==> flow/design.v <==
module alu_mux_top #(
  parameter integer DW = 12,
  parameter integer N = 12,
  parameter integer SW = $clog2(N)
) (
  input  logic aclk,
  input  logic enable,
  input  logic [N*DW-1:0] ch_i,
  input  logic [SW-1:0] s_i,
  output logic [DW-1:0] z_o_o
);
  wire [DW-1:0] arr [0:N-1];
  generate
    for (genvar g = 0; g < N; g++) begin : gen
      assign arr[g] = ch_i[g*DW +: DW];
    end
  endgenerate
  always_ff @(posedge aclk) begin
    if (enable) begin
      z_o_o <= arr[s_i];
    end
  end
endmodule
### Reports on alu_mux_top

Tool output for the design above, in the order of the flow.
Line numbers count from 1 in the design file above.
Operators carry their Yosys type and port widths (W data, S select, Z words).
Not given: --

| design | value |
|---|---|
| top module | alu_mux_top |
| clock | aclk |
| standard-cell library | sky130hd |
| corner | tt_025C_1v80 |

### Elaborated design

Yosys after proc, flatten, opt, wreduce and memory -nomap, before mapping. Memory bits, and registers merged into a memory's read port (data or address), are not among the register bits. Print and check cells are not counted. Equal cells are merged and count once.

| bit counts | value |
|---|---|
| register bits | 12 |
| input bits | 150 |
| output and inout bits | 12 |
| elaborated cells | 14 |

| operators by class | value |
|---|---|
| equality and inequality tests | 11 |
| mux-type cells | 1 |
| reductions and logical operators | 1 |

Operators with widths:

| cell | count |
|---|---|
| $pmux W12 S12 | 1 |
| $eq A4 B3 Y1 const B | 4 |
| $eq A4 B4 Y1 const B | 4 |
| $eq A4 B2 Y1 const B | 2 |
| $eq A4 B1 Y1 const B | 1 |
| $logic_not A4 Y1 | 1 |

### Depth

Longest topological path by Yosys (ltp), each cell counted once; first at word level (registers and memories cut), then after technology mapping (sequential cells cut; the memories' decode and read muxes count).

| logic depth | value |
|---|---|
| depth in word-level cells | 2 |
| ABC_AREA | 0 |
| depth in mapped cells | 8 |
| gate-level depth less buffers | 6 |

### Synthesis result

Yosys stat after the flow's synthesis: flattened, memories mapped to cells. It holds for the ABC_AREA given above (unset counts as 0); a run with the other value may have another netlist.
The area totals of this step are shown rounded.

Cells by type:

| cell type | count | total area (um2) |
|---|---|---|
| sky130_fd_sc_hd__edfxtp_1 | 12 | 360.346 |
| sky130_fd_sc_hd__mux2i_1 | 19 | 190.182 |
| sky130_fd_sc_hd__a22oi_1 | 14 | 105.101 |
| sky130_fd_sc_hd__nand2_1 | 23 | 86.333 |
| sky130_fd_sc_hd__a31oi_1 | 11 | 68.816 |
| sky130_fd_sc_hd__buf_2 | 13 | 65.062 |
| sky130_fd_sc_hd__o22ai_1 | 10 | 62.56 |
| sky130_fd_sc_hd__buf_6 | 5 | 56.304 |
| sky130_fd_sc_hd__nor2_1 | 15 | 56.304 |
| sky130_fd_sc_hd__nand3_1 | 11 | 55.053 |
| sky130_fd_sc_hd__a22o_1 | 6 | 52.55 |
| sky130_fd_sc_hd__o21ai_0 | 9 | 45.043 |
| sky130_fd_sc_hd__a211oi_1 | 5 | 37.536 |
| sky130_fd_sc_hd__ha_1 | 3 | 37.536 |
| sky130_fd_sc_hd__o221ai_1 | 4 | 35.034 |
| sky130_fd_sc_hd__a21oi_1 | 6 | 30.029 |
| sky130_fd_sc_hd__buf_4 | 4 | 30.029 |
| sky130_fd_sc_hd__o32a_1 | 3 | 30.029 |

Other cell types: 28; their cells: 46.

| mapped netlist | value |
|---|---|
| cell count | 219 |
| mapped area | 1760 um2 |
| area of sequential cells | 360 um2 |
| mapped flip-flops | 12 |
| buffers | 24 |

### Timing after synthesis

Source: OpenSTA report_checks on the synthesized netlist (no wires, ideal clock, input and output delay 20% of the period each), path of least setup slack; recovery checks are left aside. Register names are those of the netlist, which keeps one name where synthesis merged equal registers.

| path post-synthesis | value |
|---|---|
| kind | input port to flip-flop |
| from | in s_i[2] |
| to | reg z_o_o[5] |
| period | 2240 ps |
| input delay | 448 ps |
| setup time | 261 ps |
| time at the first pin | 448 ps |
| data arrival time | 1618 ps |
| required time | 1979 ps |
| slack | 361 ps |
| delay of the path | 1431 ps |
| stages | 8 |
| buffers on the path | 2 |
| synthesis period reached | 1879 ps |

"delay of the path" = arrival - input delay + setup time.
"stages" counts driving pins, that of a launching flip-flop among them; a cell with two outputs on the path counts twice.
"synthesis period reached" is the clock period less the worst setup slack; recovery checks do not enter. This is arithmetic on one report: input and output delays are still those of the set period (20% each).
Between the ends stands the longest chain of elaborated cells between them, by number of cells; it is not shown to be the way that was timed. Of several equally long chains one is given.
Each line given opens the expression or statement behind the cell; cells for indexed reads and writes are added by Yosys, which also makes memories of some case tables.

| between the ends, post-synthesis | value |
|---|---|
| cells stage by stage | sky130_fd_sc_hd__inv_1 > sky130_fd_sc_hd__ha_1 > sky130_fd_sc_hd__buf_6 > sky130_fd_sc_hd__buf_6 > sky130_fd_sc_hd__a222oi_1 > sky130_fd_sc_hd__mux2i_1 > sky130_fd_sc_hd__a211oi_1 > sky130_fd_sc_hd__a21oi_1 |
| length of the longest elaborated chain | 2 |
| elaborated cells between the ends (all ways) | 13 |
| source lines of those cells | 1 |
| classes of those cells | eq/ne: 11; mux: 1; reduce/logical: 1 |

Ends and longest elaborated chain, post-synthesis:

| element | line | RTL |
|---|---|---|
| start: declaration | 9 | `input  logic [SW-1:0] s_i,` |
| $eq A4 B4 Y1 | 20 | `z_o_o <= arr[s_i];` |
| $pmux W12 S12 | 20 |  |
| end: assignment | 20 |  |
| end: declaration | 10 | `output logic [DW-1:0] z_o_o` |

### Worst path after layout

From the final timing report of entry B: the path of least setup slack in the routed layout; clock arrival at registers is part of the times.
The report prints the path's times to 10 ps; the period is as set.

| path after layout | value |
|---|---|
| kind | input port to flip-flop |
| from | in s_i[3] |
| to | reg z_o_o[3] |
| period | 2240 ps |
| input delay | 450 ps |
| setup time | 260 ps |
| time at the first pin | 450 ps |
| data arrival time | 2150 ps |
| required time | 2220 ps |
| slack | 60 ps |
| stages | 9 |
| buffers on the path | 3 |

Between the ends stands the longest chain of elaborated cells between them, by number of cells; it is not shown to be the way that was timed. Of several equally long chains one is given.

| between the ends, after layout | value |
|---|---|
| cells stage by stage | sky130_fd_sc_hd__clkdlybuf4s50_1 > sky130_fd_sc_hd__inv_1 > sky130_fd_sc_hd__ha_2 > sky130_fd_sc_hd__buf_4 > sky130_fd_sc_hd__buf_4 > sky130_fd_sc_hd__nand2_1 > sky130_fd_sc_hd__o22ai_1 > sky130_fd_sc_hd__a211oi_1 > sky130_fd_sc_hd__a31oi_2 |
| length of the longest elaborated chain | 2 |
| elaborated cells between the ends (all ways) | 13 |
| source lines of those cells | 1 |
| classes of those cells | eq/ne: 11; mux: 1; reduce/logical: 1 |

Ends and longest elaborated chain, after layout:

| element | line | RTL |
|---|---|---|
| start: declaration | 9 | `input  logic [SW-1:0] s_i,` |
| $eq A4 B4 Y1 | 20 | `z_o_o <= arr[s_i];` |
| $pmux W12 S12 | 20 |  |
| end: assignment | 20 |  |
| end: declaration | 10 | `output logic [DW-1:0] z_o_o` |

Hand-over note for alu_mux_top

alu_mux_top through Yosys and OpenROAD on sky130hd: 3 stored runs, unordered, with their settings and measured results. The constraints put input and output delay at 20% of the set period each and load the outputs with 0.01 pF.
"clock period achieved" is the run's clock period less its worst setup slack. It is reckoned from that one timing run; input and output delays stay at 20% of the period that was set.
By "time on the worst setup path" is meant the share of the clock period that the worst setup path is allowed (20% is reserved at inputs, 20% at outputs), minus its slack. Clock arrival times at its registers enter into it.
"total power of the final layout": no workload was simulated; the value follows from the tool's default switching activity.
"time on the worst setup path" is given in steps of 10 ps.
The measured numbers are rounded.

#### Entry A

| setting | value |
|---|---|
| period_ns | `1.99` |
| CORE_UTILIZATION | `45` |
| HOLD_SLACK_MARGIN | `0.13` |
| CORE_ASPECT_RATIO | `0.71` |
| CELL_PAD_IN_SITES_GLOBAL_PLACEMENT | `2` |
| GPL_ROUTABILITY_DRIVEN | `1` |
| CAP_MARGIN | `20` |
| CORE_MARGIN | `2` |
| SLEW_MARGIN | `20` |

Unfinished; error GPL-0301 in placement.

#### Entry B

| setting | value |
|---|---|
| period_ns | `2.24` |
| CAP_MARGIN | `20` |
| CORE_MARGIN | `2` |
| CORE_UTILIZATION | `40` |
| SLEW_MARGIN | `20` |

| result | value |
|---|---|
| total power of the final layout | 1150 µW |
| worst setup slack after layout | 64 ps |
| full die area | 4940 um2 |
| standard-cell area after layout | 3560 um2 |
| clock period achieved | 2176 ps |
| total negative slack | 0 ps |
| post-synthesis cell area | 1760 um2 |
| final worst hold slack | 840 ps |
| utilization after routing | 82.9 % |
| time on the worst setup path | 1730 ps |
| worst path kind | input port to flip-flop |

#### Entry C

| setting | value |
|---|---|
| period_ns | `1.63` |
| CORE_UTILIZATION | `66` |
| SETUP_SLACK_MARGIN | `0.2` |
| PLACE_DENSITY | `0.45` |
| CORE_ASPECT_RATIO | `1.09` |
| CELL_PAD_IN_SITES_DETAIL_PLACEMENT | `1` |
| GPL_TIMING_DRIVEN | `0` |
| CAP_MARGIN | `10` |
| CORE_MARGIN | `2` |
| SLEW_MARGIN | `20` |

Unfinished; error GPL-0301 in placement.

End of note.
